==> flow/design.v <==
module shft_stage #(
   parameter BITS = 80,
   parameter SBITS = $clog2(BITS)
) (
   input  wire CLK,
   input  wire srst,
   input  wire [BITS-1:0] i_in,
   input  wire [SBITS-1:0] i_sh,
   output wire [BITS-1:0] o_o
);
   reg [BITS-1:0] o_q;
   assign o_o = o_q;
   always @(posedge CLK) begin
      if (srst) begin
         o_q <= 0;
      end else begin
         o_q <= (i_in << i_sh) | (i_in >> (BITS - i_sh));
      end
   end
endmodule
* Step by step through the tools: shft_stage
The steps from the RTL of shft_stage to its reports follow in flow order. Line numbers count from 1 in the design file above. Not given: --
Set-up: top module shft_stage, clock input CLK, library sky130hd, timing corner tt_025C_1v80

* After elaboration
Counts by Yosys on the flattened word-level netlist (proc, flatten, opt, wreduce; memories kept). Register bits leave out memories and registers merged into their read ports (data or address); mux counts leave out enables and synchronous resets folded into registers. Print and check cells are left out. Cells with the same type and inputs are merged into one.
Cells by class: add/subtract/negate cells 1, bitwise logic cells 1, shift operators 2
Operators with widths (count):
- 80-bit by 32-bit right shift with 80-bit output | 1
- 80-bit by 7-bit left shift with 80-bit output | 1
- 80-bit OR | 1
- 7-bit by 7-bit subtractor with 8-bit output with constant A | 1
Storage and ports: register bits 80, cells after elaboration 5, output and inout bits 80, input port bits 89

* Depth
Longest topological path by Yosys (ltp), each cell counted once; first at word level (registers and memories cut), then after technology mapping (sequential cells cut; the memories' decode and read muxes count).
Logic depth: depth in word-level cells 3, ABC_AREA 0, mapped depth 16

* After synthesis
Source: synth_stat.txt of the flow (Yosys; design flattened, memories mapped). It holds for the ABC_AREA given above (unset counts as 0); a run with the other value may have another netlist.
Synthesis totals: chip area (Yosys) 14383.8 µm², buffers 171, mapped flip-flops 80, mapped cells 1432
Cells by type:
- sky130_fd_sc_hd__mux4_2 | count 204, total area 4.59E+03 µm²
- sky130_fd_sc_hd__mux2i_1 | count 173, total area 1.73E+03 µm²
- sky130_fd_sc_hd__dfxtp_1 | count 80, total area 1.6E+03 µm²
- sky130_fd_sc_hd__mux2_2 | count 95, total area 1.07E+03 µm²
- sky130_fd_sc_hd__nand2_1 | count 157, total area 589.315 µm²
- sky130_fd_sc_hd__nor2_1 | count 92, total area 345.331 µm²
- sky130_fd_sc_hd__mux4_1 | count 10, total area 262.752 µm²
- sky130_fd_sc_hd__clkbuf_1 | count 69, total area 258.998 µm²
- sky130_fd_sc_hd__o21ai_0 | count 49, total area 245.235 µm²
- sky130_fd_sc_hd__buf_6 | count 21, total area 236.477 µm²
- sky130_fd_sc_hd__a21oi_1 | count 46, total area 230.221 µm²
- sky130_fd_sc_hd__buf_2 | count 44, total area 220.211 µm²
- sky130_fd_sc_hd__a22oi_1 | count 28, total area 210.202 µm²
- sky130_fd_sc_hd__buf_4 | count 23, total area 172.666 µm²
- sky130_fd_sc_hd__o211ai_1 | count 23, total area 172.666 µm²
- sky130_fd_sc_hd__a221oi_1 | count 17, total area 148.893 µm²
- sky130_fd_sc_hd__nand3_1 | count 27, total area 135.13 µm²
- sky130_fd_sc_hd__a211oi_1 | count 17, total area 127.622 µm²
Other cell types: 68; their cells: 257.

* Timing after synthesis
Source: OpenSTA report_checks on the synthesized netlist (no wires, ideal clock, input and output delay 20% of the period each), path of least setup slack; recovery checks are left aside. Register names are those of the netlist, which keeps one name where synthesis merged equal registers.
Timing after synthesis: kind input -> register, from input port i_sh[0], to register o_q[24], required time 4681 ps, buffers on the path 8, input delay 962 ps, stages on the path 15, period 4810 ps, setup time 129 ps, slack 769 ps, arrival time 3912 ps, path delay 3079 ps, launch time at the first pin 962 ps, synthesis period reached 4041 ps
"path delay" = arrival - input delay + setup time. "stages on the path" counts driving pins, that of a launching flip-flop among them; a cell with two outputs on the path counts twice. "synthesis period reached" = period - worst setup slack (recovery checks aside). The figure is calculated, with input and output delays left at 20% of the set period. The rows between start and end are the longest chain of elaborated cells between them; the timing report does not say that the signal goes this way. Where chains are equally long, one stands for them. Each line given opens the expression or statement behind the cell; cells for indexed reads and writes are added by Yosys, which also makes memories of some case tables.
Between the ends, after synthesis: cell sequence sky130_fd_sc_hd__buf_6 sky130_fd_sc_hd__buf_12 sky130_fd_sc_hd__buf_8 sky130_fd_sc_hd__buf_6 sky130_fd_sc_hd__inv_2 sky130_fd_sc_hd__buf_2 sky130_fd_sc_hd__ha_1 sky130_fd_sc_hd__nor3b_4 sky130_fd_sc_hd__xnor2_1 sky130_fd_sc_hd__buf_2 sky130_fd_sc_hd__buf_1 sky130_fd_sc_hd__clkbuf_1 sky130_fd_sc_hd__nor2_1 sky130_fd_sc_hd__o21ai_0 sky130_fd_sc_hd__o211ai_1, length of the longest elaborated chain 3, elaborated cells between the ends (all ways) 4, source lines of those cells 1, classes of those cells add/sub (1); shift (2); logic (1)
Ends and longest elaborated chain, after synthesis:
- start, declared | RTL line 8 | input  wire [SBITS-1:0] i_sh,
- 7-bit by 7-bit subtractor with 8-bit output | RTL line 17 | o_q <= (i_in << i_sh) | (i_in >> (BITS - i_sh));
- 80-bit by 32-bit right shift with 80-bit output | RTL line 17
- 80-bit OR | RTL line 17
- end, assigned | RTL line 15 | o_q <= 0;
- end, assigned | RTL line 17
- end, declared | RTL line 11 | reg [BITS-1:0] o_q;

* Timing after layout
From the final timing report of run 1: the path of least setup slack in the routed layout; clock arrival at registers is part of the times. The path's times are printed in steps of 10 ps; the period is the one set.
Timing post-layout: kind input -> register, from input port i_sh[2], to register o_q[0], required time 5110 ps, setup time 50 ps, arrival time 4570 ps, input delay 960 ps, launch time at the first pin 960 ps, stages on the path 8, period 4810 ps, buffers on the path 3, slack 540 ps
The rows between start and end are the longest chain of elaborated cells between them; the timing report does not say that the signal goes this way. Where chains are equally long, one stands for them.
Between the ends, post-layout: cell sequence sky130_fd_sc_hd__buf_4 sky130_fd_sc_hd__or4_4 sky130_fd_sc_hd__nand2_4 sky130_fd_sc_hd__buf_4 sky130_fd_sc_hd__mux2i_1 sky130_fd_sc_hd__a221oi_1 sky130_fd_sc_hd__a211oi_1 sky130_fd_sc_hd__buf_4, length of the longest elaborated chain 3, elaborated cells between the ends (all ways) 4, source lines of those cells 1, classes of those cells add/sub (1); shift (2); logic (1)
Ends and longest elaborated chain, post-layout:
- start, declared | RTL line 8 | input  wire [SBITS-1:0] i_sh,
- 7-bit by 7-bit subtractor with 8-bit output | RTL line 17 | o_q <= (i_in << i_sh) | (i_in >> (BITS - i_sh));
- 80-bit by 32-bit right shift with 80-bit output | RTL line 17
- 80-bit OR | RTL line 17
- end, assigned | RTL line 15 | o_q <= 0;
- end, assigned | RTL line 17
- end, declared | RTL line 11 | reg [BITS-1:0] o_q;

Wiki page: shft_stage / flow data

Below are 3 stored runs of the flow (Yosys, OpenROAD; platform sky130hd) on shft_stage, each with its settings and what was measured, unordered. Constraints: input delay and output delay 20% of the set period each, output load 0.01 pF.
"achieved clock period" = clock period - worst setup slack. The figure is calculated, with input and output delays left at 20% of the set period.
By "power" is meant OpenSTA's value without simulated activity: inputs other than the clock are taken to toggle once in ten clock periods, and the tool carries that through the logic.

* Run 1 | settings: period_ns 4.81; CAP_MARGIN 20; CORE_MARGIN 2; CORE_UTILIZATION 40; SLEW_MARGIN 20 | results: post-synthesis cell area 14383.8 µm²; overall die area 37492.6 µm²; standard-cell area of the final layout 16977.5 µm²; post-route utilization 47.8 %; setup slack of the critical path 541 ps; total negative setup slack 0 ps; power 4140 µW; achieved clock period 4269 ps
* Run 2 | settings: period_ns 3.23; CORE_UTILIZATION 49; SETUP_SLACK_MARGIN 0.27; PLACE_DENSITY 0.35; CORE_ASPECT_RATIO 0.5; CORE_MARGIN 5; CELL_PAD_IN_SITES_GLOBAL_PLACEMENT 2; ABC_AREA 1; CTS_CLUSTER_DIAMETER 176; SLEW_MARGIN 15; MIN_ROUTING_LAYER met1; MAX_ROUTING_LAYER met4; CAP_MARGIN 20 | did not finish, placement stopped with GPL-0301
* Run 3 | settings: period_ns 4.45; CORE_UTILIZATION 42; PLACE_DENSITY_LB_ADDON 0.01; CORE_MARGIN 9; CELL_PAD_IN_SITES_DETAIL_PLACEMENT 2; TNS_END_PERCENT 85; GPL_TIMING_DRIVEN 1; CTS_CLUSTER_SIZE 96; CTS_CLUSTER_DIAMETER 218; SLEW_MARGIN 20; MIN_ROUTING_LAYER met1; MAX_ROUTING_LAYER met5; CAP_MARGIN 20 | results: post-synthesis cell area 14383.8 µm²; overall die area 41233.4 µm²; standard-cell area of the final layout 16896.2 µm²; post-route utilization 50.3 %; setup slack of the critical path 260 ps; total negative setup slack 0 ps; power 4650 µW; achieved clock period 4190 ps
